==> flow/design.v <==
module alu_arith_rtl #(
    parameter DW = 64
) (
    input  logic clk,
    input  logic nrst,
    input  logic [DW-1:0] a,
    input  logic [DW-1:0] b,
    output logic [DW-1:0] out
);
    logic [DW-1:0] a_s;
    logic [DW-1:0] b_s;
    logic [DW-1:0] out_s;
    always_ff @(posedge clk or negedge nrst) begin
        if (~nrst) begin
            a_s <= '0;
            b_s <= '0;
            out_s <= '0;
        end else begin
            a_s <= a;
            b_s <= b;
            out_s <= (a_s > b_s) ? a_s - b_s : b_s - a_s;
        end
    end
    assign out = out_s;
endmodule
# Step by step through the tools: alu_arith_rtl
# What the tools print for alu_arith_rtl, step after step.
# Line numbers count from 1 in the design file above.
# Operators: Yosys type, input widths -> output width; for muxes data width and select width s.
# Cell names lack the library's common part.
# Not given: -
[inputs]
top = "alu_arith_rtl"
clk_port = "clk"
cell_library = "sky130hd"
lib_corner = "tt_025C_1v80"

# Elaborated design
# Counts by Yosys on the flattened word-level netlist (proc, flatten, opt, wreduce; memories kept). Register bits leave out memories and registers merged into their read ports (data or address); mux counts leave out enables and synchronous resets folded into registers. Print and check cells are left out. Cells with the same type and inputs are merged into one.
[bits]
reg_bits = 192
input_bits = 130
out_inout_bits = 64
elab_cells = 7
[op_classes]
addsub = 2
cmp = 1
n_mux = 1
[op_table]
columns = ["op", "n"]
rows = [
  ["$sub 64x64->64", 2],
  ["$gt 64x64->1", 1],
  ["$mux 64", 1],
]

# Logic depth
# Yosys ltp: most cells in a row. Word level: on the elaborated netlist, between registers, memories and ports. Mapped: between sequential cells and ports; inverters and the memories' decode and read muxes count.
[logic_depth]
ltp_word = 2
abc_area = 1
ltp_mapped = 20
mapped_depth_nobuf = 18

# Netlist
# Yosys stat after the flow's synthesis: flattened, memories mapped to cells. It holds for the ABC_AREA given above (unset counts as 0); a run with the other value may have another netlist.
[mapped]
stdcells = 2731
mapped_area_um2 = 16671.0
seq_area_um2 = 4804.6
ffs = 192
buffers = 52
[types]
columns = ["type", "n", "area_total_um2"]
rows = [
  ["dfrtp_1", 192, 4.8E+03],
  ["nand2_1", 1213, 4.55E+03],
  ["inv_1", 588, 2.21E+03],
  ["ha_1", 127, 1.59E+03],
  ["nor2_1", 132, 495.475],
  ["a21oi_1", 93, 465.446],
  ["nand3_1", 87, 435.418],
  ["xor2_1", 39, 341.578],
  ["xnor2_1", 28, 245.235],
  ["o21ai_2", 19, 166.41],
  ["nand2_2", 25, 156.4],
  ["buf_2", 30, 150.144],
  ["nand4_1", 23, 143.888],
  ["inv_2", 32, 120.115],
  ["nand3_2", 12, 120.115],
  ["buf_4", 12, 90.086],
  ["buf_6", 7, 78.826],
  ["nor2_2", 12, 75.072],
]
# Other cell types: 18; their cells: 60.

# Worst setup path after synthesis
# Path of least setup slack by OpenSTA after synthesis, without wires, with an ideal clock, recovery checks aside; 20% of the period is set as input and as output delay. Where synthesis merged equal registers, the netlist keeps one of their names.
[synth_path]
kind = "reg-to-reg"
from = "register a_s[0]"
to = "register out_s[25]"
clock_period_ns = 3.69
setup_ns = 0.122
launch_ns = 0.000
arrival_time_ns = 2.175
t_required_ns = 3.568
setup_slack_ns = 1.393
delay_ns = 2.297
path_stages = 20
n_path_buf = 2
period_less_setup_slack_ns = 2.297
# "delay_ns" = arrival - input delay + setup time.
# "path_stages" counts driving pins, that of a launching flip-flop among them; a cell with two outputs on the path counts twice.
# "period_less_setup_slack_ns" is the clock period less the worst setup slack; recovery checks do not enter. This is arithmetic on one report: input and output delays are still those of the set period (20% each).
# The rows between start and end are the longest chain of elaborated cells between them; the timing report does not say that the signal goes this way. Where chains are equally long, one stands for them.
# A line is the first line of the expression or statement that the cell stems from. Yosys adds cells for indexed reads and writes and turns some case tables into memories.
[synth_between]
cell_sequence = "dfrtp_1 > inv_1 > ha_1 > fa_1 > inv_1 > nand2_1 > nand2_2 > nand2_2 > nand2_2 > nand2_1 > nand2_2 > nand2_2 > nand2_2 > nand2_1 > nand2_2 > nand2_2 > buf_8 > buf_6 > nand2_1 > o21ai_2"
elab_chain_cells = 2
cone_cells = 4
lines_between = 1
cone_classes = "add/sub: 2; compare: 1; mux: 1"
[synth_rtl]
columns = ["element", "line", "rtl"]
rows = [
  ["start: declaration", 10, "logic [DW-1:0] a_s;"],
  ["start: assignment", 15, "a_s <= '0;"],
  ["start: assignment", 19, "a_s <= a;"],
  ["$sub 64x64->64", 21, "out_s <= (a_s > b_s) ? a_s - b_s : b_s - a_s;"],
  ["$mux 64", 21, ""],
  ["end: assignment", 17, "out_s <= '0;"],
  ["end: assignment", 21, ""],
  ["end: declaration", 12, "logic [DW-1:0] out_s;"],
]

# Worst path after layout
# From the final timing report of run A: the path of least setup slack in the routed layout; clock arrival at registers is part of the times.
[layout_path]
kind = "reg-to-reg"
from = "register a_s[41]"
to = "register out_s[17]"
clock_period_ns = 4.07
setup_ns = 0.08
launch_ns = 0.50
arrival_time_ns = 3.42
t_required_ns = 4.48
setup_slack_ns = 1.06
path_stages = 15
n_path_buf = 1
# The rows between start and end are the longest chain of elaborated cells between them; the timing report does not say that the signal goes this way. Where chains are equally long, one stands for them.
[layout_between]
cell_sequence = "dfrtp_1 > inv_1 > ha_1 > nand2_1 > nand2_1 > nand2_1 > nand3_1 > a21oi_1 > nand2_1 > a21oi_1 > nand2_2 > nand2_4 > buf_12 > nand2_1 > o21ai_2"
elab_chain_cells = 2
cone_cells = 2
lines_between = 1
cone_classes = "compare: 1; mux: 1"
[layout_rtl]
columns = ["element", "line", "rtl"]
rows = [
  ["start: declaration", 10, "logic [DW-1:0] a_s;"],
  ["start: assignment", 15, "a_s <= '0;"],
  ["start: assignment", 19, "a_s <= a;"],
  ["$gt 64x64->1", 21, "out_s <= (a_s > b_s) ? a_s - b_s : b_s - a_s;"],
  ["$mux 64", 21, ""],
  ["end: assignment", 17, "out_s <= '0;"],
  ["end: assignment", 21, ""],
  ["end: declaration", 12, "logic [DW-1:0] out_s;"],
]

# Module alu_arith_rtl, platform sky130hd: 3 stored runs of the flow (Yosys, OpenROAD) with differing settings, in no particular order. Input and output delays are each 20% of the period that was set; the output load is 0.01 pF.
# "achieved_period_ns" is the run's clock period less its worst setup slack. It is reckoned from that one timing run; input and output delays stay at 20% of the period that was set.
# By "worst_setup_path_time_ns" is meant the share of the clock period that the worst setup path is allowed (20% is reserved at inputs, 20% at outputs), minus its slack. Clock arrival times at its registers enter into it.
# "power_total_w" is the tool's figure for a default switching activity; nothing was simulated.

[[run]]
name = "run A"
[run.settings]
period_ns = 4.07
CORE_UTILIZATION = 35
SETUP_SLACK_MARGIN = 0.76
PLACE_DENSITY = 0.48
CORE_MARGIN = 4
CELL_PAD_IN_SITES_GLOBAL_PLACEMENT = 1
ABC_AREA = 1
GPL_TIMING_DRIVEN = 1
GPL_ROUTABILITY_DRIVEN = 0
MAX_ROUTING_LAYER = "met5"
CAP_MARGIN = 20
SLEW_MARGIN = 20
[run.results]
synth_area_um2 = 16671.0
design.die.area_um2 = 51186.8
post_route_stdcell_area_um2 = 19733.9
final_util_pct = 42.1
setup_ws_ns = 1.058
power_total_w = 0.006683
achieved_period_ns = 3.012
worst_setup_path_time_ns = 3.01
worst_path_kind = "reg-to-reg"

[[run]]
name = "run B"
[run.settings]
period_ns = 3.69
CAP_MARGIN = 20
CORE_MARGIN = 2
CORE_UTILIZATION = 40
SLEW_MARGIN = 20
[run.results]
synth_area_um2 = 12737.2
design.die.area_um2 = 33286.2
post_route_stdcell_area_um2 = 16164.3
final_util_pct = 51.4
setup_ws_ns = 0.134
power_total_w = 0.0067
achieved_period_ns = 3.556
worst_setup_path_time_ns = 3.56
worst_path_kind = "reg-to-reg"

[[run]]
name = "run C"
[run.settings]
period_ns = 4.4
CORE_UTILIZATION = 36
SETUP_SLACK_MARGIN = 0.67
PLACE_DENSITY_LB_ADDON = 0.22
CORE_ASPECT_RATIO = 1.87
CELL_PAD_IN_SITES_GLOBAL_PLACEMENT = 3
CELL_PAD_IN_SITES_DETAIL_PLACEMENT = 1
TNS_END_PERCENT = 40
ABC_AREA = 1
CTS_CLUSTER_DIAMETER = 236
CAP_MARGIN = 20
CORE_MARGIN = 2
SLEW_MARGIN = 20
[run.results]
outcome = "unfinished; error FLW-0024 in placement"
